==> flow/design.v <==
module ex_mem_v2 #(
  parameter int NUM_REGS = 10,
  parameter int DATA_W = 12,
  parameter int N_READ = 8,
  parameter int ADDR_W = $clog2(NUM_REGS)
) (
  input  logic CLK,
  input  logic load,
  input  logic [ADDR_W-1:0] wsel,
  input  logic [DATA_W-1:0] wdata,
  input  logic [N_READ*ADDR_W-1:0] rsel,
  output logic [N_READ*DATA_W-1:0] read_data
);
  logic r_load;
  always_ff @(posedge CLK) begin
    r_load <= load;
  end
  logic [ADDR_W-1:0] r_wsel;
  always_ff @(posedge CLK) begin
    r_wsel <= wsel;
  end
  logic [DATA_W-1:0] r_wdata;
  always_ff @(posedge CLK) begin
    r_wdata <= wdata;
  end
  logic [NUM_REGS*DATA_W-1:0] rf;
  generate
    for (genvar ii = 0; ii < NUM_REGS; ii++) begin : row
      always_ff @(posedge CLK)
        if (r_load && r_wsel == ii) rf[ii*DATA_W +: DATA_W] <= r_wdata;
    end
  endgenerate
  logic [N_READ*ADDR_W-1:0] r_rsel;
  always_ff @(posedge CLK) begin
    r_rsel <= rsel;
  end
  logic [N_READ*DATA_W-1:0] work;
  always_comb begin
    work = '0;
    for (int gj = 0; gj < N_READ; gj++) begin
      for (int idx = 0; idx < NUM_REGS; idx++)
        work[gj*DATA_W +: DATA_W] = work[gj*DATA_W +: DATA_W] | (rf[idx*DATA_W +: DATA_W] & {DATA_W{r_rsel[gj*ADDR_W +: ADDR_W] == idx}});
    end
  end
  always_ff @(posedge CLK) begin
    read_data <= work;
  end
endmodule
; From RTL to reports: ex_mem_v2
; Tool output for the design above, in the order of the flow.
; Line numbers count from 1 in the design file above.
; Operators: Yosys type, input widths -> output width; for muxes data width and select width s.
; Library cell names are shortened.
; Not given: n/a
[inputs]
top = ex_mem_v2
clk_port = CLK
lib = sky130hd
pvt_corner = tt_025C_1v80

; Word level
; Source: Yosys, flattened and elaborated, memories not mapped. Widths are those after wreduce; folded enables and synchronous resets count as part of the registers. Registers that Yosys merges into a memory's read port (data or address) are not register bits. Print and check cells do not count. Equal cells are merged and count once.
[bits]
regBits = 265
inputBits = 50
out_inout_bits = 96
wordCells = 267
[classes]
equal = 81
bitwise = 152
reduce_logical = 19
[op_table]
columns = op, n
row1 = $and 12x12->12, 80
row2 = $or 12x12->12, 72
row3 = $eq 4x3->1 const B, 36
row4 = $eq 4x2->1 const B, 18
row5 = $eq 4x4->1 const B, 18
row6 = $eq 4x1->1 const B, 9
row7 = $logic_not 4->1, 9
row8 = $logic_and 1x1->1, 10

; Longest topological paths
; Longest topological path by Yosys (ltp), each cell counted once; first at word level (registers and memories cut), then after technology mapping (sequential cells cut; the memories' decode and read muxes count).
[logic_depth]
word_depth = 11
ABC_AREA = 0
mapped_depth = 7
depth_no_buf = 4

; Netlist
; Source: synth_stat.txt of the flow (Yosys; design flattened, memories mapped). It holds for the ABC_AREA given above (unset counts as 0); a run with the other value may have another netlist.
; Totals and module areas in this step are rounded.
[types]
columns = type, n, area_total_um2
row1 = edfxtp_1, 120, 3.6E+03
row2 = dfxtp_1, 145, 2.9E+03
row3 = mux4_2, 42, 945.907
row4 = mux2i_1, 85, 850.816
row5 = a22oi_1, 111, 833.299
row6 = mux2_2, 55, 619.344
row7 = a22o_1, 58, 507.987
row8 = nor2b_1, 62, 387.872
row9 = buf_2, 68, 340.326
row10 = a32oi_1, 35, 306.544
row11 = a221oi_1, 25, 218.96
row12 = nor2_1, 54, 202.694
row13 = nand2_1, 51, 191.434
row14 = clkbuf_1, 49, 183.926
row15 = o21ai_0, 36, 180.173
row16 = a21oi_1, 33, 165.158
row17 = a221o_1, 16, 160.154
row18 = o221ai_1, 18, 157.651
; Other cell types: 56; their cells: 331.
[mapped]
stdcells = 1394
yosys_area_mm2 = 0.0152
seq_area_mm2 = 0.00651
ffs = 265
buffers = 150

; Timing after synthesis
; Path of least setup slack by OpenSTA after synthesis, without wires, with an ideal clock, recovery checks aside; 20% of the period is set as input and as output delay. Where synthesis merged equal registers, the netlist keeps one of their names.
[synth_timing]
path_type = flip-flop to flip-flop
startpoint = reg r_load
endpoint = reg rf[0]
tclk_ns = 2.6
setup_time_ns = 0.396
launch_ns = 0.000
arrival_time_ns = 1.682
t_required_ns = 2.204
setup_slack_ns = 0.522
delay_ns = 2.078
driving_pins = 3
path_buffers = 0
synth_period_reached_ns = 2.078
; "delay_ns" = arrival - input delay + setup time.
; "driving_pins" counts driving pins, that of a launching flip-flop among them; a cell with two outputs on the path counts twice.
; "synth_period_reached_ns" is the clock period less the worst setup slack; recovery checks do not enter. This is arithmetic on one report: input and output delays are still those of the set period (20% each).
; The rows between start and end are the longest chain of elaborated cells between them; the timing report does not say that the signal goes this way. Where chains are equally long, one stands for them.
; A line is the first line of the expression or statement that the cell stems from. Yosys adds cells for indexed reads and writes and turns some case tables into memories.
[synth_via]
cell_sequence = dfxtp_1 or3b_2 nor3_1
elab_chain_cells = 1
cells_between = 1
cone_lines = 1
cone_classes = reduce/logical (1)
[synth_lines]
columns = element, line_no
row1 = from (decl), 14  ; logic r_load;
row2 = from (assign), 16  ; r_load <= load;
row3 = $logic_and 1x1->1, 30  ; if (r_load && r_wsel == ii) rf[ii*DATA_W +: DATA_W] <= r_wdata;
row4 = to (assign), 30
row5 = to (decl), 26  ; logic [NUM_REGS*DATA_W-1:0] rf;

; Worst path after layout
; From the final timing report of record 1: the path of least setup slack in the routed layout; clock arrival at registers is part of the times.
[layout_timing]
path_type = flip-flop to flip-flop
startpoint = reg r_rsel[10]
endpoint = reg read_data[28]
tclk_ns = 4.11
setup_time_ns = 0.09
launch_ns = 0.59
arrival_time_ns = 3.00
t_required_ns = 4.60
setup_slack_ns = 1.60
driving_pins = 5
path_buffers = 0
; The rows between start and end are the longest chain of elaborated cells between them; the timing report does not say that the signal goes this way. Where chains are equally long, one stands for them.
[layout_via]
cell_sequence = dfxtp_1 nor2b_1 and2_1 a22oi_1 o221ai_1
elab_chain_cells = 11
cells_between = 29
cone_lines = 1
cone_classes = eq/ne (9); logic (19); reduce/logical (1)
[layout_lines]
columns = element, line_no
row1 = from (decl), 33  ; logic [N_READ*ADDR_W-1:0] r_rsel;
row2 = from (assign), 35  ; r_rsel <= rsel;
row3 = $logic_not 4->1, 42  ; work[gj*DATA_W +: DATA_W] = work[gj*DATA_W +: DATA_W] | (rf[idx*DATA_W +: DATA_W] & {DATA_W{r_rsel[gj*ADDR_W + ...
row4 = $and 12x12->12, 42
row5 = $or 12x12->12 x9, 42
row6 = to (assign), 46  ; read_data <= work;
row7 = to (decl), 12  ; output logic [N_READ*DATA_W-1:0] read_data

; Flow measurements of ex_mem_v2 on sky130hd: 3 stored runs with different settings, listed in no order. Input and output delays are each 20% of the period that was set; the output load is 0.01 pF.
; "timing.achieved_period_ns": clock period set for the run, less the worst setup slack. It is reckoned from that one timing run; input and output delays stay at 20% of the period that was set.
; "power.total_mw": no workload was simulated; the value follows from the tool's default switching activity.
; Results are given in rounded form.

[record 1: settings]
period_ns = 4.11
CORE_UTILIZATION = 20
PLACE_DENSITY_LB_ADDON = 0.06
CORE_MARGIN = 2
ABC_AREA = 0
CTS_CLUSTER_DIAMETER = 63
MAX_ROUTING_LAYER = met4
CAP_MARGIN = 20
SLEW_MARGIN = 20
[record 1: results]
die_area_mm2 = 0.0783
layout_utilization_pct = 24.9
timing.achieved_period_ns = 2.508
synthesis_area_mm2 = 0.0152
power.total_mw = 7.72
layout_stdcell_area_mm2 = 0.0188
setup_worst_slack_ns = 1.60

[record 2: settings]
period_ns = 2.6
CAP_MARGIN = 20
CORE_MARGIN = 2
CORE_UTILIZATION = 40
SLEW_MARGIN = 20
[record 2: results]
die_area_mm2 = 0.0396
layout_utilization_pct = 48.7
timing.achieved_period_ns = 2.143
synthesis_area_mm2 = 0.0152
power.total_mw = 11.0
layout_stdcell_area_mm2 = 0.0183
setup_worst_slack_ns = 0.457

[record 3: settings]
period_ns = 2.47
CORE_UTILIZATION = 51
SETUP_SLACK_MARGIN = 0.4
PLACE_DENSITY_LB_ADDON = 0.2
CORE_ASPECT_RATIO = 1.1
CORE_MARGIN = 5
CELL_PAD_IN_SITES_GLOBAL_PLACEMENT = 2
TNS_END_PERCENT = 90
CTS_CLUSTER_SIZE = 59
MIN_ROUTING_LAYER = met2
CAP_MARGIN = 20
SLEW_MARGIN = 20
[record 3: results]
outcome = no results, routing failed with GRT-0116
